==> flow/design.v <==
module dp_sel_unit_p #(
    parameter integer BITS = 16,
    parameter integer LANES = 16
) (
    input wire clk_i,
    input wire nrst,
    input wire [LANES*BITS-1:0] din,
    input wire [LANES-1:0] s,
    output wire [BITS-1:0] dout
);
    reg [LANES*BITS-1:0] din_q;
    reg [LANES-1:0] s_q;
    reg [BITS-1:0] val;
    integer idx;
    always @* begin
        val = 0;
        for (idx = 0; idx < LANES; idx = idx + 1)
            val = val | (din_q[idx*BITS +: BITS] & {BITS{s_q[idx]}});
    end
    assign dout = val;
    always @(posedge clk_i) begin
        if (~nrst) begin
            din_q <= 0;
            s_q <= 0;
        end else begin
            din_q <= din;
            s_q <= s;
        end
    end
endmodule
From RTL to reports: dp_sel_unit_p
What the tools print for dp_sel_unit_p, step after step.
Lines are those of the file above, counted from 1.
Cell names lack the library's common part.
A cell with -- has no value.
- top: dp_sel_unit_p
- clock port: clk_i
- library: sky130hd
- corner: tt_025C_1v80

After elaboration
Yosys after proc, flatten, opt, wreduce and memory -nomap, before mapping. Enables and synchronous resets that opt folds into registers are not counted as muxes. Memory bits, and registers merged into a memory's read port (data or address), are not among the register bits. Print and check cells are not counted. Equal cells are merged and count once.
- word-level cells at 33
- noted memory cells: 0
- noted bits in registers: 272
- noted bits in latches: 0
- output and inout port bits: 16
- memory bits (writable): 0
- clocked read ports x word width: 0
- bits of input ports at 274
- ROM bits: 0
- noted bitwise operators: 31
- mux-type cells: 0
- multipliers: 0
- noted reductions and logical operators: 0
- noted shift operators: 0
- div/mod/pow operators: 0
- equal/unequal tests at 0
- add/sub/neg operators at 0
- order comparisons at 0
- operator list (operator ; number):
    AND 16 bit ; 16
    OR 16 bit ; 15

Logic depth
Longest topological path by Yosys (ltp), each cell counted once; first at word level (registers and memories cut), then after technology mapping (sequential cells cut; the memories' decode and read muxes count).
- noted depth after elaboration: 16
- noted ABC_AREA: 0
- mapped depth: 5
- depth with buffers taken out at 3

After synthesis
The flow's flattened synthesis, as Yosys stat reports it; memories are mapped. The netlist is that of the ABC_AREA named above (0 if unset); the other value can give another one.
Totals and module areas in this step are rounded.
- cell types (cell ; number):
    dfxtp_1 ; 272
    and2_1 ; 272
    a221oi_1 ; 63
    a22o_1 ; 58
    buf_6 ; 14
    clkbuf_1 ; 28
    nand4_1 ; 16
    a22o_2 ; 6
    clkbuf_2 ; 9
    buf_2 ; 8
    buf_8 ; 2
    a221oi_2 ; 1
    buf_4 ; 1
- buffer cells at 62
- flip-flops: 272
- noted mapped cells: 750
- sequential part of the area at 5450 um^2
- noted cell area after synthesis: 8770 um^2

Timing after synthesis
Source: OpenSTA report_checks on the synthesized netlist (no wires, ideal clock, input and output delay 20% of the period each), path of least setup slack; recovery checks are left aside. Register names are those of the netlist, which keeps one name where synthesis merged equal registers.
- path kind: flip-flop to output port
- from: register s_q[1]
- to: output port dout[10]
- noted period: 1.71 ns
- time at the first pin at 0.000 ns
- slack at 0.272 ns
- arrival time at 1.096 ns
- path delay at 1.096 ns
- external output delay at 0.342 ns
- data required time at 1.368 ns
- noted stages: 6
- path buffers: 2
- noted synthesis period reached: 1.438 ns
"path delay" = arrival - input delay + setup time.
At an output port there is no setup time.
"stages" counts driving pins, that of a launching flip-flop among them; a cell with two outputs on the path counts twice.
"synthesis period reached" = period - worst setup slack (recovery checks aside). The figure is calculated, with input and output delays left at 20% of the set period.
The rows between start and end are the longest chain of elaborated cells between them; the timing report does not say that the signal goes this way. Where chains are equally long, one stands for them.
Each line given opens the expression or statement behind the cell; cells for indexed reads and writes are added by Yosys, which also makes memories of some case tables.
- path through: dfxtp_1 > buf_6 > buf_6 > a22o_1 > a221oi_1 > nand4_1
- cells in the longest elaborated chain at 16
- elaborated cells on any way between the ends: 16
- those cells by class: 16 x logic
- RTL lines, path post-synthesis (item ; line ; text):
    start: declaration ; 12 ; reg [LANES-1:0] s_q;
    start: assignment ; 24 ; s_q <= 0;
    start: assignment ; 27 ; s_q <= s;
    AND 16 bit ; 18 ; val = val | (din_q[idx*BITS +: BITS] & {BITS{s_q[idx]}});
    OR 16 bit x15 ; 18 ;
    end: declaration ; 9 ; output wire [BITS-1:0] dout

Path in the finished layout
From the final timing report of stored run 2: the path of least setup slack in the routed layout; clock arrival at registers is part of the times.
- path kind: flip-flop to output port
- from: register s_q[11]
- to: output port dout[15]
- time at the first pin at 0.52 ns
- external output delay at 0.34 ns
- arrival time at 1.92 ns
- noted period: 1.71 ns
- data required time at 1.37 ns
- noted stages: 7
- slack at -0.55 ns
- path buffers: 3
The rows between start and end are the longest chain of elaborated cells between them; the timing report does not say that the signal goes this way. Where chains are equally long, one stands for them.
- path through: dfxtp_2 > buf_12 > a22o_1 > a221oi_2 > buf_4 > nand4_1 > buf_4
- cells in the longest elaborated chain at 6
- elaborated cells on any way between the ends: 6
- those cells by class: 6 x logic
- RTL lines, path after layout (item ; line ; text):
    start: declaration ; 12 ; reg [LANES-1:0] s_q;
    start: assignment ; 24 ; s_q <= 0;
    start: assignment ; 27 ; s_q <= s;
    AND 16 bit ; 18 ; val = val | (din_q[idx*BITS +: BITS] & {BITS{s_q[idx]}});
    OR 16 bit x5 ; 18 ;
    end: declaration ; 9 ; output wire [BITS-1:0] dout

Data sheet: physical implementation of dp_sel_unit_p

dp_sel_unit_p through Yosys and OpenROAD on sky130hd: 3 stored runs, unordered, with their settings and measured results. The constraints put input and output delay at 20% of the set period each and load the outputs with 0.01 pF.
"allowed time less slack (worst setup path)": the worst setup path's part of the clock period (all of it between registers, 20% less for each end at a port) less its slack. A launch clock that arrives late makes it longer, a capture clock that arrives late makes it shorter.
"power": no workload was simulated; the value follows from the tool's default switching activity.
The measured numbers are rounded.

Stored run 1

==> flow/run.sh <==
#!/bin/bash
# the make line also repeats the synthesis and layout settings of config.mk as NAME=value (left out here)
make -C /OpenROAD-flow-scripts/flow DESIGN_CONFIG=/design/flow/config.mk WORK_HOME=/design/flow/orfs CLKGATE_MAP_FILE= finish
==> flow/config.mk <==
export PLATFORM = sky130hd
export DESIGN_NAME = dp_sel_unit_p
export DESIGN_NICKNAME = dp_sel_unit_p
export VERILOG_FILES = /design/flow/design.v
export SDC_FILE = /design/flow/constraint.sdc
export NUM_CORES = 4
export LEC_CHECK = 0
export CAP_MARGIN = 20
export CELL_PAD_IN_SITES_DETAIL_PLACEMENT = 1
export CORE_MARGIN = 2
export CORE_UTILIZATION = 71
export CTS_CLUSTER_SIZE = 66
export PLACE_DENSITY_LB_ADDON = 0.1
export SETUP_SLACK_MARGIN = -0.04
export SLEW_MARGIN = 20
==> flow/constraint.sdc <==
create_clock -name core_clock -period 2.7 [get_ports {clk_i}]
set_input_delay 0.5400 -clock core_clock [delete_from_list [all_inputs] [get_ports {clk_i}]]
set_output_delay 0.5400 -clock core_clock [all_outputs]
set_load 0.01 [all_outputs]

Stored run 1: did not finish, placement stopped with FLW-0024.

Stored run 2

==> flow/run.sh <==
#!/bin/bash
# the make line also repeats the synthesis and layout settings of config.mk as NAME=value (left out here)
make -C /OpenROAD-flow-scripts/flow DESIGN_CONFIG=/design/flow/config.mk WORK_HOME=/design/flow/orfs CLKGATE_MAP_FILE= finish
==> flow/config.mk <==
export PLATFORM = sky130hd
export DESIGN_NAME = dp_sel_unit_p
export DESIGN_NICKNAME = dp_sel_unit_p
export VERILOG_FILES = /design/flow/design.v
export SDC_FILE = /design/flow/constraint.sdc
export NUM_CORES = 4
export LEC_CHECK = 0
export CAP_MARGIN = 20
export CORE_MARGIN = 2
export CORE_UTILIZATION = 40
export SLEW_MARGIN = 20
==> flow/constraint.sdc <==
create_clock -name core_clock -period 1.71 [get_ports {clk_i}]
set_input_delay 0.3420 -clock core_clock [delete_from_list [all_inputs] [get_ports {clk_i}]]
set_output_delay 0.3420 -clock core_clock [all_outputs]
set_load 0.01 [all_outputs]

Measured in stored run 2:
- allowed time less slack (worst setup path) at 1.92 ns
- worst setup path kind: flip-flop to output port
- worst slack on setup checks at -0.551 ns
- area inside the die boundary at 23100 um^2
- noted the synthesis area: 8770 um^2
- setup total negative slack: -7.51 ns
- noted the power: 14300 µW
- noted the utilization in the final report: 62.7 %

Stored run 3

==> flow/run.sh <==
#!/bin/bash
# the make line also repeats the synthesis and layout settings of config.mk as NAME=value (left out here)
make -C /OpenROAD-flow-scripts/flow DESIGN_CONFIG=/design/flow/config.mk WORK_HOME=/design/flow/orfs CLKGATE_MAP_FILE= finish
==> flow/config.mk <==
export PLATFORM = sky130hd
export DESIGN_NAME = dp_sel_unit_p
export DESIGN_NICKNAME = dp_sel_unit_p
export VERILOG_FILES = /design/flow/design.v
export SDC_FILE = /design/flow/constraint.sdc
export NUM_CORES = 4
export LEC_CHECK = 0
export CAP_MARGIN = 20
export CORE_MARGIN = 8
export CORE_UTILIZATION = 35
export GPL_TIMING_DRIVEN = 1
export MAX_ROUTING_LAYER = met4
export MIN_ROUTING_LAYER = met1
export PLACE_DENSITY_LB_ADDON = 0.15
export SETUP_SLACK_MARGIN = 0.34
export SLEW_MARGIN = 20
export TNS_END_PERCENT = 35
==> flow/constraint.sdc <==
create_clock -name core_clock -period 1.28 [get_ports {clk_i}]
set_input_delay 0.2560 -clock core_clock [delete_from_list [all_inputs] [get_ports {clk_i}]]
set_output_delay 0.2560 -clock core_clock [all_outputs]
set_load 0.01 [all_outputs]

Measured in stored run 3:
- allowed time less slack (worst setup path) at 1.84 ns
- worst setup path kind: flip-flop to output port
- worst slack on setup checks at -0.818 ns
- area inside the die boundary at 30400 um^2
- noted the synthesis area: 8770 um^2
- setup total negative slack: -12.3 ns
- noted the power: 19500 µW
- noted the utilization in the final report: 54.4 %
